==> flow/design.v <==
module gen_mag_cmp_stage #(
  parameter DATA_W = 24,
  parameter LANES = 12
) (
  input  clock,
  input  srst,
  input  enable,
  input  [LANES*DATA_W-1:0] data,
  output [DATA_W-1:0] mx
);
  reg [LANES*DATA_W-1:0] data_s;
  always @(posedge clock) begin
    if (srst) begin
      data_s <= 0;
    end else if (enable) begin
      data_s <= data;
    end
  end
  reg [DATA_W-1:0] r;
  integer t;
  always @* begin
    r = data_s[DATA_W-1:0];
    for (t = 1; t < LANES; t = t + 1)
      if (data_s[t*DATA_W +: DATA_W] > r) r = data_s[t*DATA_W +: DATA_W];
  end
  assign mx = r;
endmodule
=== Tool chain data of gen_mag_cmp_stage ===
What the tools print for gen_mag_cmp_stage, step after step.
Lines are those of the file above, counted from 1.
Operators: Yosys type, input widths -> output width; for muxes data width and select width s.
Cell names lack the library's common part.
A cell with - has no value.

* Design top: gen_mag_cmp_stage
* Clock input: clock
* Standard-cell library: sky130hd
* Corner: tt_025C_1v80

=== Word-level counts ===
Source: Yosys, flattened and elaborated, memories not mapped. Widths are those after wreduce; folded enables and synchronous resets count as part of the registers. Registers that Yosys merges into a memory's read port (data or address) are not register bits. Print and check cells do not count. Equal cells are merged and count once.

* $lt $le $gt $ge: 11
* Mux-type cells: 11

{| class="wikitable"
|+ Operators with widths
! kind !! number
|-
| $gt 24x24->1 || 11
|-
| $mux 24 || 11
|}

* Cells after elaboration: 23
* Flip-flop bits (word level): 288
* Output and inout port bits: 24

=== Longest topological paths ===
Depth = most cells in a row (Yosys ltp): at word level without a register or memory, in the mapped netlist without a sequential cell, where the memories' decode and read muxes count.

* Depth after elaboration: 22
* ABC_AREA: 0
* Depth in mapped cells: 168
* Mapped depth without buffers: 153

=== Synthesis result ===
Source: synth_stat.txt of the flow (Yosys; design flattened, memories mapped). It holds for the ABC_AREA given above (unset counts as 0); a run with the other value may have another netlist.
The area totals of this step are shown rounded.

{| class="wikitable"
|+ Cells by type
! type !! number !! area in all (um2)
|-
| dfxtp_1 || 288 || 5765.53
|-
| mux2i_1 || 360 || 3.6E+03
|-
| ha_1 || 248 || 3.1E+03
|-
| nor2_1 || 400 || 1501.44
|-
| a21oi_1 || 155 || 775.744
|-
| o21ai_0 || 147 || 735.706
|-
| inv_1 || 180 || 675.648
|-
| nand2_1 || 112 || 420.403
|-
| a21o_1 || 54 || 405.389
|-
| clkbuf_1 || 98 || 367.853
|-
| mux2_2 || 30 || 337.824
|-
| nand3_1 || 67 || 335.322
|-
| nand4_1 || 53 || 331.568
|-
| nor2b_1 || 35 || 218.96
|-
| nor4b_1 || 23 || 201.443
|-
| nand2b_1 || 30 || 187.68
|-
| o221ai_1 || 21 || 183.926
|-
| a31oi_1 || 27 || 168.912
|}

Other cell types: 69; their cells: 261.

* Flip-flops: 288
* Chip area (Yosys): 21000 um2
* Cell count: 2589

=== Worst setup path after synthesis ===
Source: OpenSTA report_checks on the synthesized netlist (no wires, ideal clock, input and output delay 20% of the period each), path of least setup slack; recovery checks are left aside. Register names are those of the netlist, which keeps one name where synthesis merged equal registers.

* Path type: register to output
* Start: register data_s[22]
* End: output mx[0]
* Data required time: 33520 ps
* Clock period: 41900 ps
* Data arrival time: 26829 ps
* Buffers on the path: 15
* Stages on the path: 165
* Slack: 6691 ps
* Output delay: 8380 ps
* Path delay: 26829 ps
* Synthesis period reached: 35209 ps

"path delay" is the arrival time less input delay plus setup time.
A path that ends at an output port has no setup time.
"stages on the path" counts driving pins, that of a launching flip-flop among them; a cell with two outputs on the path counts twice.
"synthesis period reached" = period - worst setup slack (recovery checks aside). The figure is calculated, with input and output delays left at 20% of the set period.
Between the ends stands the longest chain of elaborated cells between them, by number of cells; it is not shown to be the way that was timed. Of several equally long chains one is given.
A line is the first line of the expression or statement that the cell stems from. Yosys adds cells for indexed reads and writes and turns some case tables into memories.

* Path through: dfxtp_1 -> inv_1 -> ha_1 -> nand4_2 -> nor4_2 -> o311a_1 -> nand3b_1 -> and2_1 -> clkbuf_1 -> clkbuf_1 -> a21oi_1 -> ha_1 -> nand4_1 -> nor4_1 -> o211ai_1 -> mux2_4 -> a31oi_4 -> buf_1 -> [... 129 more ...] -> nor2b_1 -> o21ai_0 -> nand2b_1 -> a21oi_1 -> nor2b_1 -> o21ai_0 -> nand2b_1 -> a21oi_1 -> nor2b_1 -> o21ai_0 -> nand2_1 -> a221oi_1 -> a31oi_1 -> clkbuf_1 -> clkbuf_1 -> a221oi_1 -> a31oi_1 -> nand3_1
* Cells in the longest elaborated chain: 22
* Elaborated cells between the ends (all ways): 22
* Those cells by class: compare (11); mux (11)

{| class="wikitable"
|+ RTL lines, path after synthesis
! item !! line !! source
|-
| start: declaration || 11 || <nowiki>reg [LANES*DATA_W-1:0] data_s;</nowiki>
|-
| start: assignment || 14 || <nowiki>data_s <= 0;</nowiki>
|-
| start: assignment || 16 || <nowiki>data_s <= data;</nowiki>
|-
| $gt 24x24->1 || 24 || <nowiki>if (data_s[t*DATA_W +: DATA_W] > r) r = data_s[t*DATA_W +: DATA_W];</nowiki>
|-
| $mux 24 || 24 ||
|-
| $gt 24x24->1 || 24 ||
|-
| $mux 24 || 24 ||
|-
| $gt 24x24->1 || 24 ||
|-
| $mux 24 || 24 ||
|-
| $gt 24x24->1 || 24 ||
|-
| [... 8 more ...] || - ||
|-
| $mux 24 || 24 ||
|-
| $gt 24x24->1 || 24 ||
|-
| $mux 24 || 24 ||
|-
| $gt 24x24->1 || 24 ||
|-
| $mux 24 || 24 ||
|-
| $gt 24x24->1 || 24 ||
|-
| $mux 24 || 24 ||
|-
| end: declaration || 9 || <nowiki>output [DATA_W-1:0] mx</nowiki>
|}

=== Path in the finished layout ===
Path of least setup slack in the final report of stored run 1 (OpenROAD, finished layout, wires in). Where an end is a register, its clock arrival counts in the times.
The report prints the path's times to 10 ps; the period is as set.

* Path type: register to output
* Start: register data_s[11]
* End: output mx[11]
* Data required time: 23120 ps
* Buffers on the path: 28
* Stages on the path: 161
* Slack: -4030 ps
* Clock period: 28900 ps
* Data arrival time: 27150 ps
* Output delay: 5780 ps

Between the ends stands the longest chain of elaborated cells between them, by number of cells; it is not shown to be the way that was timed. Of several equally long chains one is given.

* Path through: dfxtp_2 -> inv_2 -> ha_4 -> nand4_1 -> buf_4 -> nor4_4 -> o311a_1 -> nand3b_1 -> and2_4 -> buf_12 -> buf_12 -> nor2_1 -> a21oi_2 -> ha_1 -> nand4_1 -> nor4_4 -> buf_4 -> buf_4 -> [... 125 more ...] -> buf_16 -> mux2i_1 -> ha_1 -> a21oi_2 -> nor2b_1 -> o21ai_1 -> nand2b_1 -> a21oi_2 -> nor2b_1 -> o21ai_1 -> nand2_1 -> a221oi_2 -> a31oi_4 -> buf_4 -> nor4b_1 -> o21ai_0 -> nand3_1 -> buf_2
* Cells in the longest elaborated chain: 22
* Elaborated cells between the ends (all ways): 22
* Those cells by class: compare (11); mux (11)

{| class="wikitable"
|+ RTL lines, path after layout
! item !! line !! source
|-
| start: declaration || 11 || <nowiki>reg [LANES*DATA_W-1:0] data_s;</nowiki>
|-
| start: assignment || 14 || <nowiki>data_s <= 0;</nowiki>
|-
| start: assignment || 16 || <nowiki>data_s <= data;</nowiki>
|-
| $gt 24x24->1 || 24 || <nowiki>if (data_s[t*DATA_W +: DATA_W] > r) r = data_s[t*DATA_W +: DATA_W];</nowiki>
|-
| $mux 24 || 24 ||
|-
| $gt 24x24->1 || 24 ||
|-
| $mux 24 || 24 ||
|-
| $gt 24x24->1 || 24 ||
|-
| $mux 24 || 24 ||
|-
| $gt 24x24->1 || 24 ||
|-
| [... 8 more ...] || - ||
|-
| $mux 24 || 24 ||
|-
| $gt 24x24->1 || 24 ||
|-
| $mux 24 || 24 ||
|-
| $gt 24x24->1 || 24 ||
|-
| $mux 24 || 24 ||
|-
| $gt 24x24->1 || 24 ||
|-
| $mux 24 || 24 ||
|-
| end: declaration || 9 || <nowiki>output [DATA_W-1:0] mx</nowiki>
|}

==> runs of gen_mag_cmp_stage <==
Module gen_mag_cmp_stage, platform sky130hd: 3 stored runs of the flow (Yosys, OpenROAD) with differing settings, in no particular order. Input and output delays are each 20% of the period that was set; the output load is 0.01 pF.
"allowed time less slack (worst setup path)" means the part of the period allowed to the worst setup path (the constraints hold back 20% at inputs and 20% at outputs) less its slack; where the path has registers, the arrival times of their clocks count too.
"allowed time less slack (worst setup path)" is known to 10 ps.
The measured numbers are rounded.

=== Stored run 1 ===
{| class="wikitable"
! Setting !! Value
|-
| period_ns || 28.9
|-
| CORE_UTILIZATION || 29
|-
| SETUP_SLACK_MARGIN || 5.0
|-
| PLACE_DENSITY || 0.56
|-
| CORE_ASPECT_RATIO || 1.07
|-
| CORE_MARGIN || 8
|-
| CELL_PAD_IN_SITES_DETAIL_PLACEMENT || 1
|-
| GPL_ROUTABILITY_DRIVEN || 0
|-
| CTS_CLUSTER_SIZE || 89
|-
| CAP_MARGIN || 35
|-
| SLEW_MARGIN || 20
|-
! Result !! Value
|-
| Post-route setup TNS || -92000 ps
|-
| Allowed time less slack (worst setup path) || 27150 ps
|-
| Worst setup path type || register to output
|-
| Die area || 83000 um2
|-
| Synthesized cell area || 21000 um2
|-
| Post-route utilization || 0.48
|-
| Setup slack of the worst path || -4000 ps
|}

=== Stored run 2 ===
{| class="wikitable"
! Setting !! Value
|-
| period_ns || 41.9
|-
| CAP_MARGIN || 20
|-
| CORE_MARGIN || 2
|-
| CORE_UTILIZATION || 40
|-
| SLEW_MARGIN || 20
|-
! Result !! Value
|-
| Post-route setup TNS || 0 ps
|-
| Allowed time less slack (worst setup path) || 31140 ps
|-
| Worst setup path type || register to output
|-
| Die area || 55000 um2
|-
| Synthesized cell area || 21000 um2
|-
| Post-route utilization || 0.5
|-
| Setup slack of the worst path || 2400 ps
|}

=== Stored run 3 ===
{| class="wikitable"
! Setting !! Value
|-
| period_ns || 43.4
|-
| CORE_UTILIZATION || 46
|-
| PLACE_DENSITY_LB_ADDON || 0.29
|-
| HOLD_SLACK_MARGIN || -0.04
|-
| ABC_AREA || 0
|-
| GPL_TIMING_DRIVEN || 0
|-
| GPL_ROUTABILITY_DRIVEN || 1
|-
| CTS_CLUSTER_DIAMETER || 155
|-
| SLEW_MARGIN || 5
|-
| CAP_MARGIN || 20
|-
| CORE_MARGIN || 2
|-
! Result !! Value
|-
| Post-route setup TNS || 0 ps
|-
| Allowed time less slack (worst setup path) || 32290 ps
|-
| Worst setup path type || register to output
|-
| Die area || 48000 um2
|-
| Synthesized cell area || 21000 um2
|-
| Post-route utilization || 0.58
|-
| Setup slack of the worst path || 2400 ps
|}
